==> flow/design.v <==
module sync_shift_unit_p #(
  parameter integer DW = 16,
  parameter integer SW = $clog2(DW)
) (
  input wire clk,
  input wire i_rst,
  input wire signed [DW-1:0] in_d,
  input wire [SW-1:0] in_shamt,
  output reg [DW-1:0] out_q
);
  always @(posedge clk or posedge i_rst) begin
    if (i_rst) begin
      out_q <= 0;
    end else begin
      out_q <= in_d >>> in_shamt;
    end
  end
endmodule
From RTL to reports: sync_shift_unit_p
What the tools print for sync_shift_unit_p, step after step.
Line numbers count from 1 in the design file above.
Library cell names are shortened.
Not given: --

set-up
  design top = sync_shift_unit_p
  clock = clk
  cell library = sky130hd
  timing corner = tt_025C_1v80

Word level
Source: Yosys, flattened and elaborated, memories not mapped. Widths are those after wreduce; folded enables and synchronous resets count as part of the registers. Registers that Yosys merges into a memory's read port (data or address) are not register bits. Print and check cells do not count. Equal cells are merged and count once.

bit counts
  cells after elaboration = 2
  ROM bits = 0
  word width x clocked read ports = 0
  bits in latches = 0
  memories = 0
  register bits after elaboration = 16
  input port bits = 22
  memory bits (writable) = 0
  output and inout bits = 16

cells by class
  order comparisons = 0
  add/sub/neg operators = 0
  equal/unequal tests = 0
  bitwise logic cells = 0
  shifts and indexed selects = 1
  muxes and demuxes = 0
  multiply operators = 0
  divide/modulo/power cells = 0
  reduce/logical cells = 0

operator list
  operator                                        count
  16-bit by 4-bit >>> shifter with 16-bit output  1

Logic depth
Yosys ltp: most cells in a row. Word level: on the elaborated netlist, between registers, memories and ports. Mapped: between sequential cells and ports; inverters and the memories' decode and read muxes count.

depth
  depth after elaboration = 1
  ABC_AREA = 0
  depth in mapped cells = 7
  gate-level depth less buffers = 4

Mapped cells and area
Source: synth_stat.txt of the flow (Yosys; design flattened, memories mapped). It holds for the ABC_AREA given above (unset counts as 0); a run with the other value may have another netlist.

cells by type
  cell      count  total area (um2)
  dfrtp_1   16     400.384
  mux4_2    7      157.651
  mux2i_1   14     140.134
  mux2_2    8      90.086
  buf_4     7      52.55
  nand2_1   11     41.29
  a221oi_1  4      35.034
  o21ai_0   6      30.029
  a21oi_1   5      25.024
  buf_6     2      22.522
  buf_12    1      20.019
  nand2b_1  3      18.768
  nor2b_1   3      18.768
  o22ai_1   3      18.768
  inv_1     4      15.014
  mux2_4    1      15.014
  nand3b_1  2      15.014
  nor2_1    4      15.014

Not listed: further types 20, cells in them 23.

synthesis totals
  sequential area = 400.4 um2
  standard cells after synthesis = 124
  flip-flops = 16
  buffers = 13
  synthesis area = 1302.5 um2

Timing after synthesis
Path of least setup slack by OpenSTA after synthesis, without wires, with an ideal clock, recovery checks aside; 20% of the period is set as input and as output delay. Where synthesis merged equal registers, the netlist keeps one of their names.

timing path post-synthesis
  path kind = input -> register
  start point = input in_shamt[1]
  end point = register out_q[2]
  setup slack = 0.275 ns
  arrival time = 1.289 ns
  required time = 1.564 ns
  setup time = 0.146 ns
  time at the first pin = 0.342 ns
  stages on the path = 5
  path delay = 1.093 ns
  path buffers = 1
  input delay = 0.342 ns
  clock period = 1.71 ns
  synthesis period reached = 1.435 ns

"path delay" = arrival - input delay + setup time.
"stages on the path" counts driving pins, that of a launching flip-flop among them; a cell with two outputs on the path counts twice.
"synthesis period reached" = period - worst setup slack (recovery checks aside). The figure is calculated, with input and output delays left at 20% of the set period.
The rows between start and end are the longest chain of elaborated cells between them; the timing report does not say that the signal goes this way. Where chains are equally long, one stands for them.
Each line given opens the expression or statement behind the cell; cells for indexed reads and writes are added by Yosys, which also makes memories of some case tables.

on the way, post-synthesis
  path through = buf_6 mux4_2 nor2b_1 a211oi_2 a221oi_1
  cells in the longest elaborated chain = 1
  elaborated cells between the ends (all ways) = 1
  RTL lines with such cells = 1
  classes of those cells = shift: 1

ends and longest elaborated chain, post-synthesis
  element                                         RTL line  text
  from (decl)                                     8         input wire [SW-1:0] in_shamt,
  16-bit by 4-bit >>> shifter with 16-bit output  15        out_q <= in_d >>> in_shamt;
  to (assign)                                     13        out_q <= 0;
  to (assign)                                     15
  to (decl)                                       9         output reg [DW-1:0] out_q

Worst path after layout
From the final timing report of entry A: the path of least setup slack in the routed layout; clock arrival at registers is part of the times.

timing path post-layout
  path kind = input -> register
  start point = input in_shamt[0]
  end point = register out_q[5]
  stages on the path = 6
  path buffers = 3
  arrival time = 1.88 ns
  setup time = 0.05 ns
  clock period = 1.71 ns
  setup slack = 0.07 ns
  time at the first pin = 0.34 ns
  required time = 1.95 ns
  input delay = 0.34 ns

The rows between start and end are the longest chain of elaborated cells between them; the timing report does not say that the signal goes this way. Where chains are equally long, one stands for them.

on the way, post-layout
  path through = clkdlybuf4s50_1 buf_4 buf_4 mux2_2 o211ai_1 o21a_1
  cells in the longest elaborated chain = 1
  elaborated cells between the ends (all ways) = 1
  RTL lines with such cells = 1
  classes of those cells = shift: 1

ends and longest elaborated chain, post-layout
  element                                         RTL line  text
  from (decl)                                     8         input wire [SW-1:0] in_shamt,
  16-bit by 4-bit >>> shifter with 16-bit output  15        out_q <= in_d >>> in_shamt;
  to (assign)                                     13        out_q <= 0;
  to (assign)                                     15
  to (decl)                                       9         output reg [DW-1:0] out_q

==> results <==
Flow measurements of sync_shift_unit_p on sky130hd: 3 stored runs with different settings, listed in no order. Input and output delays are each 20% of the period that was set; the output load is 0.01 pF.
"achieved clock period (ns)" is the run's clock period less its worst setup slack. It is reckoned from that one timing run; input and output delays stay at 20% of the period that was set.

settings of entry A
{
  "period_ns": 1.71,
  "CAP_MARGIN": 20,
  "CORE_MARGIN": 2,
  "CORE_UTILIZATION": 40,
  "SLEW_MARGIN": 20
}
report of entry A
yosys chip area after synthesis (um^2): 1302.5
finish__design__die__area: 3728.9
finish__design__instance__utilization: 0.6138
finish__timing__setup__ws: 0.070
finish__timing__hold__ws: 0.358
achieved clock period (ns): 1.640

settings of entry B
{
  "period_ns": 0.881,
  "CORE_UTILIZATION": 15,
  "PLACE_DENSITY": 0.58,
  "CORE_ASPECT_RATIO": 1.16,
  "TNS_END_PERCENT": 70,
  "GPL_TIMING_DRIVEN": 0,
  "CTS_CLUSTER_SIZE": 72,
  "MIN_ROUTING_LAYER": "met1",
  "CAP_MARGIN": 20,
  "CORE_MARGIN": 2,
  "SLEW_MARGIN": 20
}
report of entry B
yosys chip area after synthesis (um^2): 1302.5
finish__design__die__area: 9446.7
finish__design__instance__utilization: 0.2399
finish__timing__setup__ws: -0.199
finish__timing__hold__ws: 0.056
achieved clock period (ns): 1.080

settings of entry C
{
  "period_ns": 1.74,
  "CORE_UTILIZATION": 25,
  "SETUP_SLACK_MARGIN": 0.38,
  "PLACE_DENSITY": 0.8,
  "HOLD_SLACK_MARGIN": -0.01,
  "CELL_PAD_IN_SITES_GLOBAL_PLACEMENT": 1,
  "ABC_AREA": 0,
  "CTS_CLUSTER_DIAMETER": 301,
  "SLEW_MARGIN": 10,
  "MIN_ROUTING_LAYER": "met2",
  "CAP_MARGIN": 20,
  "CORE_MARGIN": 2
}
report of entry C
yosys chip area after synthesis (um^2): 1302.5
finish__design__die__area: 5803.4
finish__design__instance__utilization: 0.4088
finish__timing__setup__ws: 0.400
finish__timing__hold__ws: 0.403
achieved clock period (ns): 1.340
